==> flow/design.v <==
module cmp_unit_mod #(
  parameter W = 28
) (
  input  wire core_clk,
  input  wire [W-1:0] u,
  input  wire [W-1:0] v,
  output wire gt,
  output wire lt
);
  reg [W-1:0] u_r;
  reg [W-1:0] v_r;
  reg g;
  reg l;
  integer t;
  always @* begin
    g = 1'b0;
    l = 1'b0;
    for (t = W-1; t >= 0; t = t - 1) begin
      if (!g && !l) begin
        g = u_r[t] & ~v_r[t];
        l = ~u_r[t] & v_r[t];
      end
    end
  end
  reg gt_r;
  assign gt = gt_r;
  reg lt_r;
  assign lt = lt_r;
  always @(posedge core_clk) begin
    u_r <= u;
    v_r <= v;
    gt_r <= g;
    lt_r <= l;
  end
endmodule
Appendix: tool output

-- From RTL to reports: cmp_unit_mod
A sweep over "W": the same steps for each member of the family.
The file above is the member W=28. Line numbers count from 1 in each member's own file.
Library cell names are shortened.
The mark n/a stands for no value.
- top: cmp_unit_mod
- clock input: core_clk
- library: sky130hd
- library corner: tt_025C_1v80

-- Members of the sweep
Lines of each other member's file that are new or changed against the file above; lines that a member lacks are not shown.
- lines new or changed (W ; RTL line ; text):
    40 ; 2 ; parameter W = 40
    64 ; 2 ; parameter W = 64

-- Word-level counts
Yosys after proc, flatten, opt, wreduce and memory -nomap, before mapping. Enables and synchronous resets that opt folds into registers are not counted as muxes. Memory bits, and registers merged into a memory's read port (data or address), are not among the register bits. Print and check cells are not counted. Equal cells are merged and count once.
- storage and ports (W ; register bits ; elaborated cells ; bits of input ports ; output and inout port bits):
    28 ; 58 ; 251 ; 57 ; 2
    40 ; 82 ; 359 ; 81 ; 2
    64 ; 130 ; 575 ; 129 ; 2
- operators by class (W ; bitwise logic cells ; reduce/logical cells ; multiplexer cells):
    28 ; 112 ; 81 ; 54
    40 ; 160 ; 117 ; 78
    64 ; 256 ; 189 ; 126
- operators with widths (W ; kind and count):
    28 ; 56 x bitwise AND 1 bit; 56 x inverter 1 bit; 54 x zero test 1 bit; 54 x 2-to-1 mux 1 bit; 27 x logical AND 1 bit
    40 ; 80 x bitwise AND 1 bit; 80 x inverter 1 bit; 78 x zero test 1 bit; 78 x 2-to-1 mux 1 bit; 39 x logical AND 1 bit
    64 ; 128 x bitwise AND 1 bit; 128 x inverter 1 bit; 126 x zero test 1 bit; 126 x 2-to-1 mux 1 bit; 63 x logical AND 1 bit

-- Logic depth
Depth = most cells in a row (Yosys ltp): at word level without a register or memory, in the mapped netlist without a sequential cell, where the memories' decode and read muxes count.
- depth (W ; depth in word-level cells ; ABC_AREA ; mapped depth ; mapped depth without buffers):
    28 ; 83 ; 0 ; 8 ; 8
    40 ; 119 ; 0 ; 8 ; 8
    64 ; 191 ; 0 ; 9 ; 9

-- Netlist
Source: synth_stat.txt of the flow (Yosys; design flattened, memories mapped). It holds for the ABC_AREA given above (unset counts as 0); a run with the other value may have another netlist.
Totals and module areas in this step are rounded.
- cell types (W ; types with counts):
    28 ; 58 x dfxtp_1; 10 x maj3_1; 14 x nand2b_1; 13 x nor2b_1; 21 x inv_1; 14 x a21oi_1; 5 x maj3_2; 11 x o21ai_0; 9 x nand2_1; 4 x a31oi_1; 2 x ha_1; 3 x o21bai_1; 5 x nor2_1; 2 x o2111ai_1; 2 x o211ai_1; 2 x o31ai_1; 1 x a211oi_2; 2 x nand3_1; [+15]
    40 ; 82 x dfxtp_1; 25 x maj3_1; 23 x nand2b_1; 20 x nor2b_1; 24 x inv_1; 7 x maj3_2; 9 x o21ai_0; 11 x nand2_1; 6 x a21oi_1; 2 x ha_1; 5 x o21ai_1; 3 x o21bai_1; 4 x nand3_1; 2 x o211a_1; 4 x nor2_1; 2 x o211ai_1; 2 x o31ai_1; 1 x a21boi_2; [+14]
    64 ; 130 x dfxtp_1; 52 x maj3_1; 25 x nand2b_1; 24 x nor2b_1; 38 x inv_1; 11 x maj3_2; 17 x a21oi_1; 13 x o21ai_0; 12 x nand2_1; 12 x nor2_1; 5 x o21bai_1; 4 x and2b_2; 2 x ha_1; 3 x o211ai_1; 4 x nand3_1; 1 x a21boi_4; 2 x a21o_2; 2 x a41oi_1; [+25]
A list marked [+n] leaves out that many cells.
- synthesis totals (W ; mapped flip-flops ; sequential part of the area (sq mm) ; cells in the netlist ; buffers ; cell area after synthesis (sq mm)):
    28 ; 58 ; 0.0012 ; 193 ; 0 ; 0.002
    40 ; 82 ; 0.0016 ; 246 ; 0 ; 0.0027
    64 ; 130 ; 0.0026 ; 382 ; 0 ; 0.0043

-- Path before layout
OpenSTA on the mapped netlist: ideal clock, no wires. The path of least setup slack (recovery checks aside). Input and output delay are each 20% of the period. Register names are those of the netlist, which keeps one name where synthesis merged equal registers.
- path after synthesis (W ; kind ; from ; to ; slack (ps) ; period (ps) ; driving pins on the path ; path delay (ps) ; synthesis period reached (ps)):
    28 ; flip-flop to flip-flop ; reg v_r[10] ; reg lt_r ; 516 ; 2560 ; 8 ; 2045 ; 2044
    40 ; flip-flop to flip-flop ; reg v_r[30] ; reg lt_r ; 524 ; 2630 ; 9 ; 2106 ; 2106
    64 ; flip-flop to flip-flop ; reg u_r[26] ; reg gt_r ; 579 ; 2890 ; 10 ; 2311 ; 2311
"path delay" is the arrival time less input delay plus setup time.
"driving pins on the path" counts driving pins, that of a launching flip-flop among them; a cell with two outputs on the path counts twice.
"synthesis period reached" = period - worst setup slack (recovery checks aside). The figure is calculated, with input and output delays left at 20% of the set period.
Between the ends stands the longest chain of elaborated cells between them, by number of cells; it is not shown to be the way that was timed. Of several equally long chains one is given.
A line is the first line of the expression or statement that the cell stems from. Yosys adds cells for indexed reads and writes and turns some case tables into memories.
On the way, after synthesis, W=28:
- noted cells in the longest elaborated chain: 33
- RTL lines, path after synthesis, W=28 (what ; RTL line ; text):
    start, declared ; 11 ; reg [W-1:0] v_r;
    start, assigned ; 31 ; v_r <= v;
    inverter 1 bit ; 20 ; g = u_r[t] & ~v_r[t];
    bitwise AND 1 bit ; 20 ;
    2-to-1 mux 1 bit ; 19 ; if (!g && !l) begin
    zero test 1 bit ; 19 ;
    logical AND 1 bit ; 19 ;
    2-to-1 mux 1 bit ; 19 ;
    zero test 1 bit ; 19 ;
    [19 not listed] ; n/a ;
    2-to-1 mux 1 bit ; 19 ;
    zero test 1 bit ; 19 ;
    logical AND 1 bit ; 19 ;
    2-to-1 mux 1 bit ; 19 ;
    zero test 1 bit ; 19 ;
    logical AND 1 bit ; 19 ;
    2-to-1 mux 1 bit ; 19 ;
    end, assigned ; 33 ; lt_r <= l;
    end, declared ; 27 ; reg lt_r;
On the way, after synthesis, W=64:
- noted cells in the longest elaborated chain: 81
- RTL lines, path after synthesis, W=64 (what ; RTL line ; text):
    start, declared ; 10 ; reg [W-1:0] u_r;
    start, assigned ; 30 ; u_r <= u;
    inverter 1 bit ; 21 ; l = ~u_r[t] & v_r[t];
    bitwise AND 1 bit ; 21 ;
    2-to-1 mux 1 bit ; 19 ; if (!g && !l) begin
    zero test 1 bit ; 19 ;
    logical AND 1 bit ; 19 ;
    2-to-1 mux 1 bit ; 19 ;
    zero test 1 bit ; 19 ;
    [67 not listed] ; n/a ;
    2-to-1 mux 1 bit ; 19 ;
    zero test 1 bit ; 19 ;
    logical AND 1 bit ; 19 ;
    2-to-1 mux 1 bit ; 19 ;
    zero test 1 bit ; 19 ;
    logical AND 1 bit ; 19 ;
    2-to-1 mux 1 bit ; 19 ;
    end, assigned ; 32 ; gt_r <= g;
    end, declared ; 25 ; reg gt_r;

-- Path in the finished layout
Path of least setup slack in the final report of the run of each member (OpenROAD, finished layout, wires in). Where an end is a register, its clock arrival counts in the times.
The path's times are printed in steps of 10 ps; the period is the one set.
- path post-layout (W ; kind ; from ; to ; period (ps) ; driving pins on the path ; slack (ps) ; buffers on the path ; arrival time (ps)):
    28 ; flip-flop to flip-flop ; reg v_r[10] ; reg lt_r ; 2560 ; 8 ; 430 ; 0 ; 2350
    40 ; flip-flop to flip-flop ; reg v_r[22] ; reg lt_r ; 2630 ; 9 ; 420 ; 0 ; 2440
    64 ; flip-flop to flip-flop ; reg u_r[26] ; reg gt_r ; 2890 ; 10 ; 390 ; 0 ; 2880

-- Measured runs
One run of the flow (Yosys, OpenROAD) for each member, with settings and measured results. Input and output delays are each 20% of the period that was set; the output load is 0.01 pF.
- noted CAP_MARGIN: 20
- CORE_MARGIN at 2
- noted CORE_UTILIZATION: 40
- noted SLEW_MARGIN: 20
- settings by member (W ; period_ns):
    28 ; 2.56
    40 ; 2.63
    64 ; 2.89
- final reports (W ; reached clock period (ps) ; Yosys chip area after synthesis (sq mm) ; power consumption (W) ; final design utilization (%) ; area of the die (sq mm) ; setup TNS (ps) ; smallest setup slack (ps) ; worst hold slack (ps)):
    28 ; 2126 ; 0.002 ; 0.0021 ; 60 ; 0.0056 ; 0 ; 430 ; 620
    40 ; 2213 ; 0.0027 ; 0.0024 ; 57 ; 0.0075 ; 0 ; 420 ; 630
    64 ; 2495 ; 0.0043 ; 0.0044 ; 60 ; 0.012 ; 0 ; 390 ; 510
"reached clock period" = clock period - worst setup slack. The figure is calculated, with input and output delays left at 20% of the set period.
"power consumption": no workload was simulated; the value follows from the tool's default switching activity.
The measured numbers are rounded.
